==> flow/design.v <==
module gen_comparator #(
    parameter XLEN = 40,
    parameter LANES = 8
) (
    input  wire CLK,
    input  wire rst_n,
    input  wire enable,
    input  wire [LANES*XLEN-1:0] d,
    output wire [XLEN-1:0] hi
);
    reg [LANES*XLEN-1:0] d_ff;
    always @(posedge CLK or negedge rst_n) begin
        if (!rst_n) begin
            d_ff <= 0;
        end else if (enable) begin
            d_ff <= d;
        end
    end
    reg [XLEN-1:0] cur;
    integer k;
    always @* begin
        cur = d_ff[XLEN-1:0];
        for (k = 1; k < LANES; k = k + 1)
            if (d_ff[k*XLEN +: XLEN] > cur) cur = d_ff[k*XLEN +: XLEN];
    end
    reg [XLEN-1:0] hi_ff;
    always @(posedge CLK or negedge rst_n) begin
        if (!rst_n) begin
            hi_ff <= 0;
        end else if (enable) begin
            hi_ff <= cur;
        end
    end
    assign hi = hi_ff;
endmodule
Tool chain data of gen_comparator --
Tool output for the design above, in the order of the flow. Lines are those of the file above, counted from 1. The mark - stands for no value.
Design: top module gen_comparator, clock input CLK, cell library sky130hd, corner tt_025C_1v80

Elaborated design --
Source: Yosys, flattened and elaborated, memories not mapped. Widths are those after wreduce; folded enables and synchronous resets count as part of the registers. Registers that Yosys merges into a memory's read port (data or address) are not register bits. Print and check cells do not count. Equal cells are merged and count once.
Operators by class: shift-type cells 0, mux-type cells 7, reduce/logical cells 0, bitwise operators 0, multiply operators 0, add/sub/neg operators 0, $lt $le $gt $ge 7, eq/ne operators 0, div/mod/pow operators 0
Operators with widths (count):
- 40-bit > comparator | 7
- 40-bit two-way mux | 7
Storage and ports: bits in latches 0, memories kept 0, bits in writable memories 0, memory bits (read-only) 0, output and inout bits 40, flip-flop bits (word level) 360, word width x clocked read ports 0, cells after elaboration 16

Depth --
Yosys ltp: most cells in a row. Word level: on the elaborated netlist, between registers, memories and ports. Mapped: between sequential cells and ports; inverters and the memories' decode and read muxes count.
Logic depth: depth after elaboration 14, ABC_AREA 0, depth in mapped cells 118

Netlist --
Source: synth_stat.txt of the flow (Yosys; design flattened, memories mapped). It holds for the ABC_AREA given above (unset counts as 0); a run with the other value may have another netlist. The area totals of this step are shown rounded.
Mapped netlist: sequential part of the area 9010 sq um, buffers 127, standard cells after synthesis 2490, mapped flip-flops 360, mapped area 24000 sq um
Cell types:
- sky130_fd_sc_hd__dfrtp_1 | count 360, area in all 9008.64 sq um
- sky130_fd_sc_hd__mux2_2 | count 309, area in all 3.48E+03 sq um
- sky130_fd_sc_hd__ha_1 | count 272, area in all 3.4E+03 sq um
- sky130_fd_sc_hd__o21ai_0 | count 258, area in all 1.29E+03 sq um
- sky130_fd_sc_hd__a21oi_1 | count 195, area in all 975.936 sq um
- sky130_fd_sc_hd__nand2_1 | count 200, area in all 750.72 sq um
- sky130_fd_sc_hd__inv_1 | count 170, area in all 638.112 sq um
- sky130_fd_sc_hd__nor2_1 | count 146, area in all 548.026 sq um
- sky130_fd_sc_hd__clkbuf_1 | count 114, area in all 427.91 sq um
- sky130_fd_sc_hd__mux2i_1 | count 42, area in all 420.403 sq um
- sky130_fd_sc_hd__nand4_1 | count 61, area in all 381.616 sq um
- sky130_fd_sc_hd__a21o_1 | count 41, area in all 307.795 sq um
- sky130_fd_sc_hd__nor3b_1 | count 41, area in all 307.795 sq um
- sky130_fd_sc_hd__or4_1 | count 39, area in all 292.781 sq um
- sky130_fd_sc_hd__nor2b_1 | count 33, area in all 206.448 sq um
- sky130_fd_sc_hd__nand2b_1 | count 29, area in all 181.424 sq um
- sky130_fd_sc_hd__nand3_1 | count 21, area in all 105.101 sq um
- sky130_fd_sc_hd__nor3_1 | count 14, area in all 70.067 sq um
Other cell types: 55; their cells: 145.

Worst setup path after synthesis --
Path of least setup slack by OpenSTA after synthesis, without wires, with an ideal clock, recovery checks aside; 20% of the period is set as input and as output delay. Where synthesis merged equal registers, the netlist keeps one of their names.
Timing after synthesis: kind reg-to-reg, start point register d_ff[75], end point register hi_ff[0], arrival time 19291 ps, time at the first pin 0 ps, required time 24180 ps, driving pins on the path 112, buffers on the path 15, slack 4890 ps, clock period 24300 ps, path delay 19411 ps, synthesis period reached 19410 ps
"path delay" is the arrival time less input delay plus setup time. "driving pins on the path": output pins that drive a net of the path, with the launching flip-flop's if there is one; two outputs of one cell count as two. "synthesis period reached" is the clock period less the worst setup slack; recovery checks do not enter. This is arithmetic on one report: input and output delays are still those of the set period (20% each). The rows between start and end are the longest chain of elaborated cells between them; the timing report does not say that the signal goes this way. Where chains are equally long, one stands for them. A line is the first line of the expression or statement that the cell stems from. Yosys adds cells for indexed reads and writes and turns some case tables into memories.
On the way, after synthesis: path through sky130_fd_sc_hd__dfrtp_1 > sky130_fd_sc_hd__ha_1 > sky130_fd_sc_hd__nand4_2 > sky130_fd_sc_hd__nor4_4 > sky130_fd_sc_hd__inv_1 > sky130_fd_sc_hd__a31oi_1 > sky130_fd_sc_hd__or3_4 > sky130_fd_sc_hd__and2_0 > sky130_fd_sc_hd__clkbuf_1 > sky130_fd_sc_hd__clkbuf_1 > sky130_fd_sc_hd__nor2_1 > sky130_fd_sc_hd__a21oi_1 > sky130_fd_sc_hd__ha_1 > sky130_fd_sc_hd__and3_1 > sky130_fd_sc_hd__a221oi_1 > sky130_fd_sc_hd__o21ai_0 > sky130_fd_sc_hd__a21bo_2 > sky130_fd_sc_hd__a31oi_1 > (+76 left out) > sky130_fd_sc_hd__o21a_1 > sky130_fd_sc_hd__o21ai_0 > sky130_fd_sc_hd__nand2b_1 > sky130_fd_sc_hd__a21oi_1 > sky130_fd_sc_hd__nor2b_1 > sky130_fd_sc_hd__o21ai_0 > sky130_fd_sc_hd__nand2b_1 > sky130_fd_sc_hd__a21oi_1 > sky130_fd_sc_hd__o31ai_1 > sky130_fd_sc_hd__a221o_1 > sky130_fd_sc_hd__a221o_1 > sky130_fd_sc_hd__a221oi_1 > sky130_fd_sc_hd__a41o_1 > sky130_fd_sc_hd__and2_1 > sky130_fd_sc_hd__clkbuf_1 > sky130_fd_sc_hd__clkbuf_1 > sky130_fd_sc_hd__nand4_1 > sky130_fd_sc_hd__and3_1, cells in the longest elaborated chain 14
Ends and longest elaborated chain, after synthesis:
- start: declaration | RTL line 11 | reg [LANES*XLEN-1:0] d_ff;
- start: assignment | RTL line 14 | d_ff <= 0;
- start: assignment | RTL line 16 | d_ff <= d;
- 40-bit > comparator | RTL line 24 | if (d_ff[k*XLEN +: XLEN] > cur) cur = d_ff[k*XLEN +: XLEN];
- 40-bit two-way mux | RTL line 24
- 40-bit > comparator | RTL line 24
- 40-bit two-way mux | RTL line 24
- 40-bit > comparator | RTL line 24
- 40-bit two-way mux | RTL line 24
- 40-bit > comparator | RTL line 24
- 40-bit two-way mux | RTL line 24
- 40-bit > comparator | RTL line 24
- 40-bit two-way mux | RTL line 24
- 40-bit > comparator | RTL line 24
- 40-bit two-way mux | RTL line 24
- 40-bit > comparator | RTL line 24
- 40-bit two-way mux | RTL line 24
- end: assignment | RTL line 29 | hi_ff <= 0;
- end: assignment | RTL line 31 | hi_ff <= cur;
- end: declaration | RTL line 26 | reg [XLEN-1:0] hi_ff;

Timing after layout --
Path of least setup slack in the final report of flow run 1 (OpenROAD, finished layout, wires in). Where an end is a register, its clock arrival counts in the times. The path's times are printed in steps of 10 ps; the period is the one set.
Timing after layout: kind reg-to-reg, start point register d_ff[60], end point register hi_ff[23], arrival time 19570 ps, time at the first pin 580 ps, slack -1910 ps, clock period 17200 ps, driving pins on the path 104, required time 17660 ps, buffers on the path 11
The rows between start and end are the longest chain of elaborated cells between them; the timing report does not say that the signal goes this way. Where chains are equally long, one stands for them.
On the way, after layout: path through sky130_fd_sc_hd__dfrtp_1 > sky130_fd_sc_hd__ha_4 > sky130_fd_sc_hd__nand4_1 > sky130_fd_sc_hd__buf_4 > sky130_fd_sc_hd__nor3_1 > sky130_fd_sc_hd__nand2_1 > sky130_fd_sc_hd__a31oi_1 > sky130_fd_sc_hd__or3_4 > sky130_fd_sc_hd__and2_4 > sky130_fd_sc_hd__buf_6 > sky130_fd_sc_hd__buf_6 > sky130_fd_sc_hd__nor2_4 > sky130_fd_sc_hd__a21oi_4 > sky130_fd_sc_hd__ha_4 > sky130_fd_sc_hd__o21ai_1 > sky130_fd_sc_hd__o21bai_1 > sky130_fd_sc_hd__a21oi_1 > sky130_fd_sc_hd__o21ai_1 > (+68 left out) > sky130_fd_sc_hd__o21a_1 > sky130_fd_sc_hd__o21ai_1 > sky130_fd_sc_hd__nand2b_1 > sky130_fd_sc_hd__a21oi_2 > sky130_fd_sc_hd__nor2b_1 > sky130_fd_sc_hd__o21ai_1 > sky130_fd_sc_hd__nand2b_1 > sky130_fd_sc_hd__a21oi_2 > sky130_fd_sc_hd__o31ai_2 > sky130_fd_sc_hd__a221o_1 > sky130_fd_sc_hd__a221o_1 > sky130_fd_sc_hd__a221oi_2 > sky130_fd_sc_hd__a41o_1 > sky130_fd_sc_hd__nand2_4 > sky130_fd_sc_hd__buf_12 > sky130_fd_sc_hd__buf_16 > sky130_fd_sc_hd__or4_1 > sky130_fd_sc_hd__nor3b_2, cells in the longest elaborated chain 14
Ends and longest elaborated chain, after layout:
- start: declaration | RTL line 11 | reg [LANES*XLEN-1:0] d_ff;
- start: assignment | RTL line 14 | d_ff <= 0;
- start: assignment | RTL line 16 | d_ff <= d;
- 40-bit > comparator | RTL line 24 | if (d_ff[k*XLEN +: XLEN] > cur) cur = d_ff[k*XLEN +: XLEN];
- 40-bit two-way mux | RTL line 24
- 40-bit > comparator | RTL line 24
- 40-bit two-way mux | RTL line 24
- 40-bit > comparator | RTL line 24
- 40-bit two-way mux | RTL line 24
- 40-bit > comparator | RTL line 24
- 40-bit two-way mux | RTL line 24
- 40-bit > comparator | RTL line 24
- 40-bit two-way mux | RTL line 24
- 40-bit > comparator | RTL line 24
- 40-bit two-way mux | RTL line 24
- 40-bit > comparator | RTL line 24
- 40-bit two-way mux | RTL line 24
- end: assignment | RTL line 29 | hi_ff <= 0;
- end: assignment | RTL line 31 | hi_ff <= cur;
- end: declaration | RTL line 26 | reg [XLEN-1:0] hi_ff;

--- measured runs ---
Top module gen_comparator; platform sky130hd; tools Yosys and OpenROAD; 3 stored runs in no particular order. Input and output delays are each 20% of the period that was set; the output load is 0.01 pF.
"clock period achieved" is the run's clock period less its worst setup slack. It is reckoned from that one timing run; input and output delays stay at 20% of the period that was set.
By "worst setup path time" is meant the share of the clock period that the worst setup path is allowed (20% is reserved at inputs, 20% at outputs), minus its slack. Clock arrival times at its registers enter into it.
"worst setup path time" is known to 10 ps.
Values from the reports are rounded here.

* Flow run 1 | settings: period_ns 17.2; CORE_UTILIZATION 30; PLACE_DENSITY 0.93; CORE_MARGIN 8; CTS_CLUSTER_DIAMETER 263; CAP_MARGIN 25; MAX_ROUTING_LAYER met4; SLEW_MARGIN 20 | results: final setup TNS -71,700 ps; std-cell area (final layout) 36,900 sq um; overall die area 89,300 sq um; clock period achieved 19,109 ps; setup slack of the worst path -1,910 ps; worst setup path time 19,110 ps; worst setup path type reg-to-reg; worst hold slack in the final report 545 ps; synthesized cell area 24,000 sq um; utilization of the finished layout 0.467
* Flow run 2 | settings: period_ns 37.1; CORE_UTILIZATION 43; SETUP_SLACK_MARGIN -1.05; CORE_MARGIN 8; CELL_PAD_IN_SITES_GLOBAL_PLACEMENT 1; TNS_END_PERCENT 35; GPL_TIMING_DRIVEN 1; CTS_CLUSTER_DIAMETER 57; MIN_ROUTING_LAYER met1; CAP_MARGIN 20; SLEW_MARGIN 20 | results: overall die area 63,600 sq um; clock period achieved 24,104 ps; final setup TNS 0 ps; utilization of the finished layout 0.542; worst setup path time 24,100 ps; worst setup path type reg-to-reg; setup slack of the worst path 13,000 ps; synthesized cell area 24,000 sq um; worst hold slack in the final report 541 ps; std-cell area (final layout) 29,900 sq um
* Flow run 3 | settings: period_ns 24.3; CAP_MARGIN 20; CORE_MARGIN 2; CORE_UTILIZATION 40; SLEW_MARGIN 20 | results: synthesized cell area 24,000 sq um; worst setup path time 22,230 ps; worst setup path type reg-to-reg; setup slack of the worst path 2,070 ps; clock period achieved 22,233 ps; worst hold slack in the final report 536 ps; overall die area 62,000 sq um; std-cell area (final layout) 29,900 sq um; utilization of the finished layout 0.506; final setup TNS 0 ps
--- end ---
